==> flow/design.v <==
module ex_addsub_n #(
    parameter integer WD = 24
) (
    input core_clk,
    input rst_n,
    input [WD-1:0] da_in,
    input [WD-1:0] db_in,
    output [WD:0] s_out,
    output [WD:0] result_out
);
    reg [WD-1:0] da_ff;
    reg [WD-1:0] db_ff;
    always @(posedge core_clk or negedge rst_n) begin
        if (!rst_n) begin
            da_ff <= 0;
            db_ff <= 0;
        end else begin
            da_ff <= da_in;
            db_ff <= db_in;
        end
    end
    assign s_out = da_ff + db_ff;
    assign result_out = da_ff - db_ff;
endmodule
-- Tool chain data of ex_addsub_n
The steps from the RTL of ex_addsub_n to its reports follow in flow order.
Line numbers count from 1 in the design file above.
Operators: Yosys type, input widths -> output width; for muxes data width and select width s.
Library cell names are shortened.
Not given: -
- top: ex_addsub_n
- clock input: core_clk
- library: sky130hd
- corner: tt_025C_1v80

-- Elaborated design
Yosys after proc, flatten, opt, wreduce and memory -nomap, before mapping. Enables and synchronous resets that opt folds into registers are not counted as muxes. Memory bits, and registers merged into a memory's read port (data or address), are not among the register bits. Print and check cells are not counted. Equal cells are merged and count once.
- bits in writable memories at 0
- word-level cells at 4
- noted bits in registers: 48
- memory cells: 0
- latch bits at 0
- input port bits: 50
- noted output and inout bits: 50
- clocked read ports x word width: 0
- ROM bits at 0
- noted divide/modulo/power cells: 0
- mux-type cells: 0
- bitwise logic cells: 0
- shift-type cells: 0
- noted order comparisons: 0
- add/sub/neg operators at 2
- equality and inequality tests: 0
- $mul at 0
- noted reductions and logical operators: 0
- operator list (operator ; number):
    $add 24x24->25 ; 1
    $sub 24x24->25 ; 1

-- Depth
Depth = most cells in a row (Yosys ltp): at word level without a register or memory, in the mapped netlist without a sequential cell, where the memories' decode and read muxes count.
- word-level depth at 1
- ABC_AREA at 0
- depth in mapped cells at 10
- mapped depth without buffers: 10

-- Mapped cells and area
The flow's flattened synthesis, as Yosys stat reports it; memories are mapped. The netlist is that of the ABC_AREA named above (0 if unset); the other value can give another one.
- cells by type (type ; number ; area in all (um^2)):
    dfrtp_1 ; 48 ; 1.2E+03
    ha_1 ; 48 ; 600.576
    xnor2_1 ; 32 ; 280.269
    a21oi_1 ; 45 ; 225.216
    inv_1 ; 51 ; 191.434
    nor2_1 ; 37 ; 138.883
    o21ai_0 ; 16 ; 80.077
    nand2_1 ; 19 ; 71.318
    o21bai_1 ; 9 ; 67.565
    nor2b_1 ; 9 ; 56.304
    nand3_1 ; 11 ; 55.053
    buf_6 ; 4 ; 45.043
    xor2_1 ; 5 ; 43.792
    fa_1 ; 2 ; 40.038
    a211oi_1 ; 5 ; 37.536
    a21o_1 ; 5 ; 37.536
    a31oi_1 ; 6 ; 37.536
    nor3_1 ; 7 ; 35.034
Not listed: further types 48, cells in them 81.
- noted cells in the netlist: 440
- noted mapped area: 0.0039175 mm^2
- mapped flip-flops: 48
- noted sequential area: 0.0012012 mm^2
- buffers: 18

-- Path before layout
Source: OpenSTA report_checks on the synthesized netlist (no wires, ideal clock, input and output delay 20% of the period each), path of least setup slack; recovery checks are left aside. Register names are those of the netlist, which keeps one name where synthesis merged equal registers.
- path kind: register to output
- from: register da_ff[0]
- to: output s_out[20]
- external output delay at 0.728 ns
- time at the first pin at 0.000 ns
- period: 3.64 ns
- data required time at 2.912 ns
- driving pins on the path: 10
- arrival time at 2.329 ns
- noted delay of the path: 2.329 ns
- noted path slack: 0.583 ns
- noted buffers on the path: 0
- synthesis period reached at 3.057 ns
"delay of the path" is the arrival time less input delay plus setup time.
At an output port there is no setup time.
"driving pins on the path": output pins that drive a net of the path, with the launching flip-flop's if there is one; two outputs of one cell count as two.
"synthesis period reached" = period - worst setup slack (recovery checks aside). The figure is calculated, with input and output delays left at 20% of the set period.
The rows between start and end are the longest chain of elaborated cells between them; the timing report does not say that the signal goes this way. Where chains are equally long, one stands for them.
A line is the first line of the expression or statement that the cell stems from. Yosys adds cells for indexed reads and writes and turns some case tables into memories.
- path through: dfrtp_1 ha_1 fa_1 nand2b_1 a21oi_1 o21ba_1 o41ai_4 a211oi_1 or4_1 nand3_1
- noted length of the longest elaborated chain: 1
- elaborated cells between the ends (all ways): 1
- source lines of those cells at 1
- those cells by class: add/sub (1)
- RTL lines, path post-synthesis (what ; RTL line ; text):
    start, declared ; 11 ; reg [WD-1:0] da_ff;
    start, assigned ; 15 ; da_ff <= 0;
    start, assigned ; 18 ; da_ff <= da_in;
    $add 24x24->25 ; 22 ; assign s_out = da_ff + db_ff;
    end, declared ; 8 ; output [WD:0] s_out,

-- Worst path after layout
Path of least setup slack in the final report of job 1 (OpenROAD, finished layout, wires in). Where an end is a register, its clock arrival counts in the times.
- path kind: register to output
- from: register db_ff[8]
- to: output s_out[23]
- arrival time at 3.04 ns
- external output delay at 0.80 ns
- noted buffers on the path: 1
- data required time at 3.22 ns
- noted path slack: 0.17 ns
- time at the first pin at 0.30 ns
- driving pins on the path: 11
- period: 4.02 ns
The rows between start and end are the longest chain of elaborated cells between them; the timing report does not say that the signal goes this way. Where chains are equally long, one stands for them.
- path through: dfrtp_1 inv_1 ha_2 nand2b_4 a221oi_4 nor2_2 a211oi_2 o21ai_2 a31oi_2 xnor2_1 clkdlybuf4s50_1
- noted length of the longest elaborated chain: 1
- elaborated cells between the ends (all ways): 1
- source lines of those cells at 1
- those cells by class: add/sub (1)
- RTL lines, path after layout (what ; RTL line ; text):
    start, declared ; 12 ; reg [WD-1:0] db_ff;
    start, assigned ; 16 ; db_ff <= 0;
    start, assigned ; 19 ; db_ff <= db_in;
    $add 24x24->25 ; 22 ; assign s_out = da_ff + db_ff;
    end, declared ; 8 ; output [WD:0] s_out,

==> runs of ex_addsub_n <==
Stored flow runs of ex_addsub_n (3 of them; Yosys, OpenROAD, sky130hd). They differ in their settings and are not a sequence. Constraints: input delay and output delay 20% of the set period each, output load 0.01 pF.
"period achieved" means the clock period less the worst setup slack. The figure is calculated, with input and output delays left at 20% of the set period.
"worst path time" is the time allowed to the run's worst setup path (the clock period less input and output delay, where it has them) less its slack. Clock arrival times count: a late capture clock shortens it, a late launch clock lengthens it.
"total power of the final layout": no workload was simulated; the value follows from the tool's default switching activity.

Job 1
Settings were period_ns = 4.02; CORE_UTILIZATION = 25; SETUP_SLACK_MARGIN = 0.05; CTS_CLUSTER_DIAMETER = 174; CAP_MARGIN = 30; CORE_MARGIN = 2; SLEW_MARGIN = 20
- post-route setup TNS: 0.000 ns
- period achieved at 3.848 ns
- noted the total power of the final layout: 1820 µW
- final utilization at 36.0 %
- cell area after synthesis: 0.0039175 mm^2
- overall die area: 0.0166875 mm^2
- noted the worst setup slack after layout: 0.172 ns
- noted the worst path time: 3.04 ns
- critical path type: register to output
- standard-cell area of the final layout at 0.0054903 mm^2

Job 2
Settings were period_ns = 3.64; CAP_MARGIN = 20; CORE_MARGIN = 2; CORE_UTILIZATION = 40; SLEW_MARGIN = 20
- standard-cell area of the final layout at 0.0054002 mm^2
- noted the worst path time: 2.79 ns
- critical path type: register to output
- noted the total power of the final layout: 1795 µW
- overall die area: 0.0106018 mm^2
- noted the worst setup slack after layout: 0.117 ns
- period achieved at 3.523 ns
- cell area after synthesis: 0.0039175 mm^2
- post-route setup TNS: 0.000 ns
- final utilization at 56.0 %

Job 3
Settings were period_ns = 4.93; CORE_UTILIZATION = 53; PLACE_DENSITY_LB_ADDON = 0.08; CORE_MARGIN = 6; ABC_AREA = 1; CAP_MARGIN = 35; MAX_ROUTING_LAYER = met5; SLEW_MARGIN = 20
- noted the worst path time: 2.85 ns
- critical path type: register to output
- period achieved at 3.833 ns
- post-route setup TNS: 0.000 ns
- overall die area: 0.0112021 mm^2
- standard-cell area of the final layout at 0.0058218 mm^2
- noted the worst setup slack after layout: 1.097 ns
- final utilization at 69.5 %
- cell area after synthesis: 0.004667 mm^2
- noted the total power of the final layout: 1437 µW
